==> flow/design.v <==
module my_mplex_p #(
  parameter NBITS = 2,
  parameter WAYS = 16,
  parameter LG = $clog2(WAYS)
) (
  input  wire ck,
  input  wire rst,
  input  wire en,
  input  wire [WAYS*NBITS-1:0] val_i,
  input  wire [LG-1:0] addr_i,
  output wire [NBITS-1:0] y_o
);
  reg [WAYS*NBITS-1:0] val_reg;
  reg [LG-1:0] addr_reg;
  wire [NBITS-1:0] opt [0:WAYS-1];
  genvar g;
  generate
    for (g = 0; g < WAYS; g = g + 1) begin : lane
      assign opt[g] = val_reg[g*NBITS +: NBITS];
    end
  endgenerate
  assign y_o = opt[addr_reg];
  always @(posedge ck or posedge rst) begin
    if (rst) begin
      val_reg <= 0;
      addr_reg <= 0;
    end else if (en) begin
      val_reg <= val_i;
      addr_reg <= addr_i;
    end
  end
endmodule
# --- Step by step through the tools: my_mplex_p ---
# What the tools print for my_mplex_p, step after step.
# Lines are those of the file above, counted from 1.
# Operators carry their Yosys type and port widths (W data, S select, Z words).
# Library cell names are shortened.
design:
  top: "my_mplex_p"
  clock_port: "ck"
  library: "sky130hd"
  pvt_corner: "tt_025C_1v80"

# --- Word level ---
# Source: Yosys, flattened and elaborated. Widths are those after wreduce; folded enables and synchronous resets count as part of the registers. Registers that Yosys merges into a memory's read port (data or address) are not register bits. Print and check cells do not count. Equal cells are merged and count once.
bits:
  reg_bits: 36
  in_bits: 39
  wordCells: 19
op_classes:
  equal: 15
  n_mux: 1
  reduce_and_logical: 1
ops:
  columns: ["operator", "n"]
  rows:
  - ["$eq A4 B4 Y1 const B", 8]
  - ["$pmux W2 S16", 1]
  - ["$eq A4 B3 Y1 const B", 4]
  - ["$eq A4 B2 Y1 const B", 2]
  - ["$eq A4 B1 Y1 const B", 1]
  - ["$logic_not A4 Y1", 1]

# --- Depth ---
# Depth = most cells in a row (Yosys ltp): at word level without a register or memory, in the mapped netlist without a sequential cell, where the memories' decode and read muxes count.
depth:
  depth_word: 2
  ABC_AREA: 1
  ltp_mapped: 8
  depth_no_buf: 8

# --- Synthesis result ---
# The flow's flattened synthesis, as Yosys stat reports it; memories are mapped. The netlist is that of the ABC_AREA named above (0 if unset); the other value can give another one.
by_type:
  columns: ["cell", "n"]
  rows:
  - ["dfrtp_1", 36]
  - ["mux2_2", 32]
  - ["nand3_1", 32]
  - ["nand2_1", 26]
  - ["inv_1", 12]
  - ["nor2_1", 9]
  - ["nor2_2", 4]
  - ["o21ai_0", 4]
  - ["buf_2", 3]
  - ["nor4_1", 1]
  - ["clkbuf_1", 1]
  - ["inv_2", 1]
synth_totals:
  stdcells: 161
  synth_area_mm2: 0.0016716
  seqArea_mm2: 0.0009009
  ffs: 36

# --- Worst setup path after synthesis ---
# Source: OpenSTA report_checks on the synthesized netlist (no wires, ideal clock, input and output delay 20% of the period each), path of least setup slack; recovery checks are left aside. Register names are those of the netlist, which keeps one name where synthesis merged equal registers.
synth_timing:
  path_type: "reg2out"
  start: "register addr_reg[1]"
  end: "output y_o[0]"
  clock_period_ns: 1.96
  output_delay_ns: 0.392
  arrival_time_ns: 1.060
  t_required_ns: 1.568
  path_slack_ns: 0.508
  delay_ns: 1.060
  path_stages: 8
  period_less_setup_slack_ns: 1.452
# "delay_ns" is the arrival time less input delay plus setup time.
# At an output port there is no setup time.
# "path_stages": output pins that drive a net of the path, with the launching flip-flop's if there is one; two outputs of one cell count as two.
# "period_less_setup_slack_ns" = period - worst setup slack (recovery checks aside). The figure is calculated, with input and output delays left at 20% of the set period.
# The rows between start and end are the longest chain of elaborated cells between them; the timing report does not say that the signal goes this way. Where chains are equally long, one stands for them.
# Each line given opens the expression or statement behind the cell; cells for indexed reads and writes are added by Yosys, which also makes memories of some case tables.
synth_via:
  path_cell_list: "dfrtp_1 nor2_1 nand3_1 nand2_1 inv_1 nand2_1 nor2_1 nand3_1"
  elab_chain_len: 2
synth_lines:
  columns: ["item", "line_no", "rtl"]
  rows:
  - ["start, declared", 14, "reg [LG-1:0] addr_reg;"]
  - ["start, assigned", 26, "addr_reg <= 0;"]
  - ["start, assigned", 29, "addr_reg <= addr_i;"]
  - ["$eq A4 B4 Y1", 22, "assign y_o = opt[addr_reg];"]
  - ["$pmux W2 S16", 22, null]
  - ["end, declared", 11, "output wire [NBITS-1:0] y_o"]

# --- Worst path after layout ---
# Path of least setup slack in the final report of run 1 (OpenROAD, finished layout, wires in). Where an end is a register, its clock arrival counts in the times.
layout_timing:
  path_type: "reg2out"
  start: "register addr_reg[1]"
  end: "output y_o[0]"
  clock_period_ns: 1.03
  output_delay_ns: 0.21
  arrival_time_ns: 1.58
  t_required_ns: 0.82
  path_slack_ns: -0.76
  path_stages: 11
# The rows between start and end are the longest chain of elaborated cells between them; the timing report does not say that the signal goes this way. Where chains are equally long, one stands for them.
layout_via:
  path_cell_list: "dfrtp_2 inv_2 nor2_4 buf_6 nand3_2 nand2_1 nor2_1 nand2_1 inv_1 nand3_2 buf_6"
  elab_chain_len: 2
layout_lines:
  columns: ["item", "line_no", "rtl"]
  rows:
  - ["start, declared", 14, "reg [LG-1:0] addr_reg;"]
  - ["start, assigned", 26, "addr_reg <= 0;"]
  - ["start, assigned", 29, "addr_reg <= addr_i;"]
  - ["$eq A4 B4 Y1", 22, "assign y_o = opt[addr_reg];"]
  - ["$pmux W2 S16", 22, null]
  - ["end, declared", 11, "output wire [NBITS-1:0] y_o"]

## Implementation results

Flow measurements of my_mplex_p on sky130hd: 3 stored runs with different settings, listed in no order. Input and output delays are each 20% of the period that was set; the output load is 0.01 pF.
By "timing.achieved_period_ns" is meant the clock period of the run minus its worst setup slack. This is arithmetic on one report: input and output delays are still those of the set period (20% each).
"worst_path_time_ns": the worst setup path's part of the clock period (all of it between registers, 20% less for each end at a port) less its slack. A launch clock that arrives late makes it longer, a capture clock that arrives late makes it shorter.
"final_power_uw": no workload was simulated; the value follows from the tool's default switching activity.

--- run 1 ---
==> flow/run.sh <==
#!/bin/bash
# the make line also repeats the synthesis and layout settings of config.mk as NAME=value (left out here)
make -C /OpenROAD-flow-scripts/flow DESIGN_CONFIG=/design/flow/config.mk WORK_HOME=/design/flow/orfs CLKGATE_MAP_FILE= finish
==> flow/config.mk <==
export PLATFORM = sky130hd
export DESIGN_NAME = my_mplex_p
export DESIGN_NICKNAME = my_mplex_p
export VERILOG_FILES = /design/flow/design.v
export SDC_FILE = /design/flow/constraint.sdc
export NUM_CORES = 4
export LEC_CHECK = 0
export ABC_AREA = 1
export CAP_MARGIN = 20
export CORE_MARGIN = 10
export CORE_UTILIZATION = 18
export MIN_ROUTING_LAYER = met2
export PLACE_DENSITY = 0.8
export SLEW_MARGIN = 40
==> flow/constraint.sdc <==
create_clock -name core_clock -period 1.03 [get_ports {ck}]
set_input_delay 0.2060 -clock core_clock [delete_from_list [all_inputs] [get_ports {ck}]]
set_output_delay 0.2060 -clock core_clock [all_outputs]
set_load 0.01 [all_outputs]

==> results, as YAML <==
results:
  worst_path_time_ns: 1.58
  timing.worst_path_kind: "reg2out"
  timing.achieved_period_ns: 1.786
  final_stdcell_area_mm2: 0.0024899
  design_die_area_mm2: 0.0135408
  final_power_uw: 3367
  synthArea_mm2: 0.0016716
  setup_ws_ns: -0.756
  tns_ns: -1.492
  fin_util_pct: 27.2

--- run 2 ---
==> flow/run.sh <==
#!/bin/bash
# the make line also repeats the synthesis and layout settings of config.mk as NAME=value (left out here)
make -C /OpenROAD-flow-scripts/flow DESIGN_CONFIG=/design/flow/config.mk WORK_HOME=/design/flow/orfs CLKGATE_MAP_FILE= finish
==> flow/config.mk <==
export PLATFORM = sky130hd
export DESIGN_NAME = my_mplex_p
export DESIGN_NICKNAME = my_mplex_p
export VERILOG_FILES = /design/flow/design.v
export SDC_FILE = /design/flow/constraint.sdc
export NUM_CORES = 4
export LEC_CHECK = 0
export CAP_MARGIN = 20
export CORE_MARGIN = 2
export CORE_UTILIZATION = 40
export SLEW_MARGIN = 20
==> flow/constraint.sdc <==
create_clock -name core_clock -period 1.96 [get_ports {ck}]
set_input_delay 0.3920 -clock core_clock [delete_from_list [all_inputs] [get_ports {ck}]]
set_output_delay 0.3920 -clock core_clock [all_outputs]
set_load 0.01 [all_outputs]

==> results, as YAML <==
results:
  worst_path_time_ns: 1.70
  timing.worst_path_kind: "reg2out"
  timing.achieved_period_ns: 2.097
  final_stdcell_area_mm2: 0.0024674
  design_die_area_mm2: 0.0048282
  final_power_uw: 2001
  synthArea_mm2: 0.0017154
  setup_ws_ns: -0.137
  tns_ns: -0.273
  fin_util_pct: 60.8

--- run 3 ---
==> flow/run.sh <==
#!/bin/bash
# the make line also repeats the synthesis and layout settings of config.mk as NAME=value (left out here)
make -C /OpenROAD-flow-scripts/flow DESIGN_CONFIG=/design/flow/config.mk WORK_HOME=/design/flow/orfs CLKGATE_MAP_FILE= finish
==> flow/config.mk <==
export PLATFORM = sky130hd
export DESIGN_NAME = my_mplex_p
export DESIGN_NICKNAME = my_mplex_p
export VERILOG_FILES = /design/flow/design.v
export SDC_FILE = /design/flow/constraint.sdc
export NUM_CORES = 4
export LEC_CHECK = 0
export CAP_MARGIN = 20
export CELL_PAD_IN_SITES_DETAIL_PLACEMENT = 2
export CELL_PAD_IN_SITES_GLOBAL_PLACEMENT = 2
export CORE_ASPECT_RATIO = 0.78
export CORE_MARGIN = 2
export CORE_UTILIZATION = 56
export GPL_TIMING_DRIVEN = 1
export PLACE_DENSITY = 0.46
export SLEW_MARGIN = 20
==> flow/constraint.sdc <==
create_clock -name core_clock -period 1.72 [get_ports {ck}]
set_input_delay 0.3440 -clock core_clock [delete_from_list [all_inputs] [get_ports {ck}]]
set_output_delay 0.3440 -clock core_clock [all_outputs]
set_load 0.01 [all_outputs]

==> results, as YAML <==
outcome: "no final report: placement broke off with GPL-0301"
